==> flow/design.v <==
module ex_times_blk #(
  parameter DW = 8,
  parameter SCALE = 25,
  parameter RES_W = DW + $clog2(SCALE + 1)
) (
  input wire core_clk,
  input wire RSTN,
  input wire adv,
  input wire [DW-1:0] in_lhs,
  output reg [RES_W-1:0] out_prod
);
  reg [DW-1:0] lhs_d1;
  reg [RES_W-1:0] cur;
  integer t;
  always @(*) begin
    cur = 0;
    for (t = 0; t < RES_W - DW; t = t + 1)
      if ((SCALE >> t) & 1) cur = cur + (lhs_d1 << t);
  end
  always @(posedge core_clk) begin
    if (~RSTN) begin
      lhs_d1 <= 0;
      out_prod <= 0;
    end else if (adv) begin
      lhs_d1 <= in_lhs;
      out_prod <= cur;
    end
  end
endmodule
* From RTL to reports: ex_times_blk *
Tool output for the design above, in the order of the flow.
Line numbers count from 1 in the design file above.
Library cell names are shortened.
A cell with -- has no value.

inputs
  design top = ex_times_blk
  clock input = core_clk
  standard-cell library = sky130hd
  timing corner = tt_025C_1v80

* Word level *
Yosys after proc, flatten, opt, wreduce and memory -nomap, before mapping. Enables and synchronous resets that opt folds into registers are not counted as muxes. Memory bits, and registers merged into a memory's read port (data or address), are not among the register bits. Print and check cells are not counted. Equal cells are merged and count once.

word-level totals
  bits in registers = 21
  bits in latches = 0
  memory bits (writable) = 0
  bits in read-only memories = 0
  clocked read ports x word width = 0
  memories kept = 0
  input port bits = 11
  output and inout port bits = 13
  cells after elaboration = 4

operators by class
  $add $sub $neg = 2
  multiply operators = 0
  divide/modulo/power cells = 0
  magnitude comparators = 0
  eq/ne operators = 0
  shift operators = 0
  mux-type cells = 0
  bitwise gates (word level) = 0
  reduce/logical cells = 0

operator list
  cell                     count
  adder 12 x 12 -> 13 bit  1
  adder 8 x 11 -> 12 bit   1

* Depth *
Depth = most cells in a row (Yosys ltp): at word level without a register or memory, in the mapped netlist without a sequential cell, where the memories' decode and read muxes count.

depth
  depth after elaboration = 2
  ABC_AREA = 0
  gate-level depth with buffers = 9

* Mapped cells and area *
Yosys stat after the flow's synthesis: flattened, memories mapped to cells. It holds for the ABC_AREA given above (unset counts as 0); a run with the other value may have another netlist.

cells by type
  type       count  total area (um^2)
  dfxtp_1    21     420.403
  ha_1       13     162.656
  mux2i_1    14     140.134
  fa_1       5      100.096
  nor2b_1    15     93.84
  nand3_1    8      40.038
  inv_1      10     37.536
  clkbuf_8   2      27.526
  a21oi_1    5      25.024
  o2111ai_1  2      17.517
  a21o_1     2      15.014
  nand2_1    4      15.014
  o21ai_0    3      15.014
  a211oi_2   1      12.512
  a31oi_1    2      12.512
  and3_1     2      12.512
  nand4_1    2      12.512
  a2111o_1   1      11.261

Not listed: further types 15, cells in them 18.

mapped netlist
  cell count = 130
  synthesis area = 1292.5 um^2
  mapped flip-flops = 21

* Path before layout *
OpenSTA on the mapped netlist: ideal clock, no wires. The path of least setup slack (recovery checks aside). Input and output delay are each 20% of the period. Register names are those of the netlist, which keeps one name where synthesis merged equal registers.

path post-synthesis
  path type = register to register
  start point = reg lhs_d1[4]
  end point = reg out_prod[10]
  clock period = 3.15 ns
  library setup time = 0.062 ns
  launch time at the first pin = 0.000 ns
  arrival time = 2.456 ns
  data required time = 3.088 ns
  slack = 0.632 ns
  delay of the path = 2.518 ns
  stages = 10
  buffers on the path = 0
  synthesis period reached = 2.518 ns

"delay of the path" = arrival - input delay + setup time.
"stages" counts driving pins, that of a launching flip-flop among them; a cell with two outputs on the path counts twice.
"synthesis period reached" is the clock period less the worst setup slack; recovery checks do not enter. This is arithmetic on one report: input and output delays are still those of the set period (20% each).
The rows between start and end are the longest chain of elaborated cells between them; the timing report does not say that the signal goes this way. Where chains are equally long, one stands for them.
Each line given opens the expression or statement behind the cell; cells for indexed reads and writes are added by Yosys, which also makes memories of some case tables.

on the way, post-synthesis
  cells stage by stage = dfxtp_1 > inv_1 > fa_1 > inv_1 > ha_1 > fa_1 > a211oi_2 > o21bai_1 > a2111o_1 > nand3_1
  cells in the longest elaborated chain = 2
  elaborated cells between the ends (all ways) = 2
  RTL lines with such cells = 1

ends and longest elaborated chain, post-synthesis
  element                  RTL line  source
  start, declared          12        reg [DW-1:0] lhs_d1;
  start, assigned          22        lhs_d1 <= 0;
  start, assigned          25        lhs_d1 <= in_lhs;
  adder 8 x 11 -> 12 bit   18        if ((SCALE >> t) & 1) cur = cur + (lhs_d1 << t);
  adder 12 x 12 -> 13 bit  18
  end, assigned            23        out_prod <= 0;
  end, assigned            26        out_prod <= cur;
  end, declared            10        output reg [RES_W-1:0] out_prod

* Timing after layout *
From the final timing report of flow run 1: the path of least setup slack in the routed layout; clock arrival at registers is part of the times.

path after layout
  path type = register to register
  start point = reg lhs_d1[4]
  end point = reg out_prod[10]
  clock period = 2.55 ns
  library setup time = 0.05 ns
  launch time at the first pin = 0.30 ns
  arrival time = 2.65 ns
  data required time = 2.80 ns
  slack = 0.16 ns
  stages = 10
  buffers on the path = 0

The rows between start and end are the longest chain of elaborated cells between them; the timing report does not say that the signal goes this way. Where chains are equally long, one stands for them.

on the way, after layout
  cells stage by stage = dfxtp_2 > inv_1 > fa_1 > inv_1 > ha_2 > fa_2 > a211oi_2 > o21bai_1 > a2111o_1 > nand3_1
  cells in the longest elaborated chain = 2
  elaborated cells between the ends (all ways) = 2
  RTL lines with such cells = 1

ends and longest elaborated chain, after layout
  element                  RTL line  source
  start, declared          12        reg [DW-1:0] lhs_d1;
  start, assigned          22        lhs_d1 <= 0;
  start, assigned          25        lhs_d1 <= in_lhs;
  adder 8 x 11 -> 12 bit   18        if ((SCALE >> t) & 1) cur = cur + (lhs_d1 << t);
  adder 12 x 12 -> 13 bit  18
  end, assigned            23        out_prod <= 0;
  end, assigned            26        out_prod <= cur;
  end, declared            10        output reg [RES_W-1:0] out_prod

==> results <==
Design ex_times_blk on sky130hd. What follows are 3 stored runs of the flow, each under its own settings; their order means nothing. The constraints put input and output delay at 20% of the set period each and load the outputs with 0.01 pF.
"clock period reached" = clock period - worst setup slack. The figure is calculated, with input and output delays left at 20% of the set period.
"time of the worst setup path" means the part of the period allowed to the worst setup path (the constraints hold back 20% at inputs and 20% at outputs) less its slack; where the path has registers, the arrival times of their clocks count too.
Among the settings, . means not set for that run.
Among the results, . means that no value is shown for the run.

name                                     flow run 1            flow run 2  flow run 3
period_ns                                2.55                  2.05        3.15
CORE_UTILIZATION                         37                    72          40
GPL_ROUTABILITY_DRIVEN                   0                     1           .
CTS_CLUSTER_SIZE                         36                    57          .
MAX_ROUTING_LAYER                        met5                  .           .
CAP_MARGIN                               20                    20          20
CORE_MARGIN                              2                     4           2
SLEW_MARGIN                              20                    20          20
PLACE_DENSITY_LB_ADDON                   .                     0.19        .
ABC_AREA                                 .                     0           .
final setup TNS (ns)                     0.000                 .           0.000
synthesis area (um^2)                    1292.5                .           1292.5
time of the worst setup path (ns)        2.39                  .           2.66
type of the worst setup path             register to register  .           register to register
standard-cell area after routing (um^2)  1629.1                .           1575.3
worst slack on setup checks (ns)         0.158                 .           0.488
clock period reached (ns)                2.392                 .           2.662
full die area (um^2)                     3982.2                .           3702.1
utilization (%)                          48.8                  .           51.6

Flow run 2: stopped before the end: placement reported DPL-0033
